==> flow/design.v <==
module cmp_unit_rtl #(
  parameter int DWIDTH = 20
) (
  input logic clock,
  input logic signed [DWIDTH-1:0] i_arg0,
  input logic signed [DWIDTH-1:0] i_arg1,
  output logic o_below,
  output logic o_is_eq,
  output logic o_gt
);
  logic signed [DWIDTH-1:0] arg0_reg;
  always_ff @(posedge clock)
    arg0_reg <= i_arg0;
  logic signed [DWIDTH-1:0] arg1_reg;
  always_ff @(posedge clock)
    arg1_reg <= i_arg1;
  logic below_reg;
  always_ff @(posedge clock)
    below_reg <= (arg0_reg < arg1_reg);
  assign o_below = below_reg;
  logic is_eq_reg;
  always_ff @(posedge clock)
    is_eq_reg <= (arg0_reg == arg1_reg);
  assign o_is_eq = is_eq_reg;
  logic gt_reg;
  always_ff @(posedge clock)
    gt_reg <= (arg0_reg > arg1_reg);
  assign o_gt = gt_reg;
endmodule
* Tool chain data of cmp_unit_rtl
Tool output for the design above, in the order of the flow. Line numbers count from 1 in the design file above. Library cell names are shortened. Not given: -
Design: design top cmp_unit_rtl, clock input clock, cell library sky130hd, timing corner tt_025C_1v80

* Elaborated design
Counts by Yosys on the flattened word-level netlist (proc, flatten, opt, wreduce; memories kept). Register bits leave out memories and registers merged into their read ports (data or address); mux counts leave out enables and synchronous resets folded into registers. Print and check cells are left out. Cells with the same type and inputs are merged into one.
Word-level totals: memory cells 0, elaborated cells 8, ROM bits 0, clocked read ports x word width 0, flip-flop bits (word level) 43, output and inout port bits 3, bits of input ports 41, bits in latches 0, RAM bits 0
Operators by class: multiply operators 0, add/sub/neg operators 0, div/mod/pow operators 0, shift-type cells 0, muxes and demuxes 0, bitwise operators 0, reduce/logical cells 0, order comparisons 2, equal/unequal tests 1
Operator list (count):
- 20-bit > comparator | 1
- 20-bit < comparator | 1
- 20-bit equality test | 1

* Longest topological paths
Depth = most cells in a row (Yosys ltp): at word level without a register or memory, in the mapped netlist without a sequential cell, where the memories' decode and read muxes count.
Depth: depth after elaboration 1, ABC_AREA 0, depth in mapped cells 7, depth with buffers taken out 7

* Mapped cells and area
The flow's flattened synthesis, as Yosys stat reports it; memories are mapped. The netlist is that of the ABC_AREA named above (0 if unset); the other value can give another one. The area totals of this step are shown rounded.
Cell types:
- dfxtp_1 | count 43, total area 860.826 um^2
- ha_1 | count 20, total area 250.24 um^2
- inv_1 | count 20, total area 75.072 um^2
- a21oi_1 | count 7, total area 35.034 um^2
- a21boi_2 | count 2, total area 22.522 um^2
- nand4_1 | count 3, total area 18.768 um^2
- o21a_1 | count 2, total area 15.014 um^2
- nand4_2 | count 1, total area 12.512 um^2
- nor4_2 | count 1, total area 12.512 um^2
- a2111o_1 | count 1, total area 11.261 um^2
- nand2_1 | count 3, total area 11.261 um^2
- mux2i_1 | count 1, total area 10.01 um^2
- a21oi_2 | count 1, total area 8.758 um^2
- and4_1 | count 1, total area 8.758 um^2
- o221ai_1 | count 1, total area 8.758 um^2
- xor2_1 | count 1, total area 8.758 um^2
- o211ai_1 | count 1, total area 7.507 um^2
- o21bai_1 | count 1, total area 7.507 um^2
Not listed: further types 5, cells in them 5.
Synthesis totals: flip-flop cells 43, cell count 115, sequential area 861 um^2, buffer cells 0, synthesis area 1410 um^2

* Worst setup path after synthesis
Path of least setup slack by OpenSTA after synthesis, without wires, with an ideal clock, recovery checks aside; 20% of the period is set as input and as output delay. Where synthesis merged equal registers, the netlist keeps one of their names.
Timing post-synthesis: kind register to register, start register arg1_reg[7], end register below_reg, time at the first pin 0.000 ns, clock period 2.09 ns, required time 1.969 ns, buffers on the path 0, data arrival time 1.555 ns, path delay 1.676 ns, stages on the path 8, library setup time 0.121 ns, slack 0.414 ns, synthesis period reached 1.676 ns
"path delay" is the arrival time less input delay plus setup time. "stages on the path" counts driving pins, that of a launching flip-flop among them; a cell with two outputs on the path counts twice. "synthesis period reached" is the clock period less the worst setup slack; recovery checks do not enter. This is arithmetic on one report: input and output delays are still those of the set period (20% each). The rows between start and end are the longest chain of elaborated cells between them; the timing report does not say that the signal goes this way. Where chains are equally long, one stands for them. A line is the first line of the expression or statement that the cell stems from. Yosys adds cells for indexed reads and writes and turns some case tables into memories.
On the way, post-synthesis: cell sequence dfxtp_1 > inv_1 > ha_1 > a21oi_2 > o21a_1 > o221ai_1 > a2111o_1 > xor2_1, cells in the longest elaborated chain 1, elaborated cells between the ends (all ways) 1, source lines of those cells 1, those cells by class compare: 1
Ends and longest elaborated chain, post-synthesis:
- start, declared | RTL line 14 | logic signed [DWIDTH-1:0] arg1_reg;
- start, assigned | RTL line 16 | arg1_reg <= i_arg1;
- 20-bit < comparator | RTL line 19 | below_reg <= (arg0_reg < arg1_reg);
- end, assigned | RTL line 19
- end, declared | RTL line 17 | logic below_reg;

* Timing after layout
Path of least setup slack in the final report of stored run 1 (OpenROAD, finished layout, wires in). Where an end is a register, its clock arrival counts in the times.
Timing after layout: kind register to register, start register arg1_reg[8], end register below_reg, data arrival time 1.90 ns, stages on the path 8, time at the first pin 0.29 ns, slack 0.10 ns, clock period 1.81 ns, library setup time 0.10 ns, buffers on the path 1, required time 2.00 ns
The rows between start and end are the longest chain of elaborated cells between them; the timing report does not say that the signal goes this way. Where chains are equally long, one stands for them.
On the way, after layout: cell sequence dfxtp_1 > inv_1 > ha_1 > nand4_1 > buf_4 > o221ai_2 > a2111o_1 > xor2_1, cells in the longest elaborated chain 1, elaborated cells between the ends (all ways) 1, source lines of those cells 1, those cells by class compare: 1
Ends and longest elaborated chain, after layout:
- start, declared | RTL line 14 | logic signed [DWIDTH-1:0] arg1_reg;
- start, assigned | RTL line 16 | arg1_reg <= i_arg1;
- 20-bit < comparator | RTL line 19 | below_reg <= (arg0_reg < arg1_reg);
- end, assigned | RTL line 19
- end, declared | RTL line 17 | logic below_reg;

3 stored runs of cmp_unit_rtl in the flow (synthesis by Yosys, layout by OpenROAD, sky130hd cells), in arbitrary order. Constraints: input delay and output delay 20% of the set period each, output load 0.01 pF.
"achieved clock period": clock period set for the run, less the worst setup slack. It is reckoned from that one timing run; input and output delays stay at 20% of the period that was set.
"allowed time less slack (worst setup path)" is the time allowed to the run's worst setup path (the clock period less input and output delay, where it has them) less its slack. Clock arrival times count: a late capture clock shortens it, a late launch clock lengthens it.
"total power of the final layout": no workload was simulated; the value follows from the tool's default switching activity.
The measured numbers are rounded.

* Stored run 1 | settings: period_ns 1.81; CORE_UTILIZATION 37; SETUP_SLACK_MARGIN 0.2; PLACE_DENSITY_LB_ADDON 0.26; CELL_PAD_IN_SITES_GLOBAL_PLACEMENT 0; CELL_PAD_IN_SITES_DETAIL_PLACEMENT 1; ABC_AREA 0; CAP_MARGIN 20; CORE_MARGIN 2; SLEW_MARGIN 20 | results: area of the synthesized netlist 1410 um^2; die area 4330 um^2; smallest setup slack 0.104 ns; post-route worst hold slack 0.499 ns; allowed time less slack (worst setup path) 1.71 ns; worst setup path type register to register; utilization in the final report 0.609; achieved clock period 1.706 ns; total power of the final layout 2060 uW
* Stored run 2 | settings: period_ns 2.09; CAP_MARGIN 20; CORE_MARGIN 2; CORE_UTILIZATION 40; SLEW_MARGIN 20 | results: smallest setup slack 0.273 ns; area of the synthesized netlist 1410 um^2; allowed time less slack (worst setup path) 1.82 ns; worst setup path type register to register; total power of the final layout 1460 uW; achieved clock period 1.817 ns; post-route worst hold slack 0.507 ns; utilization in the final report 0.582; die area 4030 um^2
* Stored run 3 | settings: period_ns 1.47; CORE_UTILIZATION 65; SETUP_SLACK_MARGIN 0.27; HOLD_SLACK_MARGIN -0.02; CELL_PAD_IN_SITES_GLOBAL_PLACEMENT 2; CELL_PAD_IN_SITES_DETAIL_PLACEMENT 0; TNS_END_PERCENT 70; SLEW_MARGIN 10; MAX_ROUTING_LAYER met5; CAP_MARGIN 20; CORE_MARGIN 2 | no results, placement failed with GPL-0301
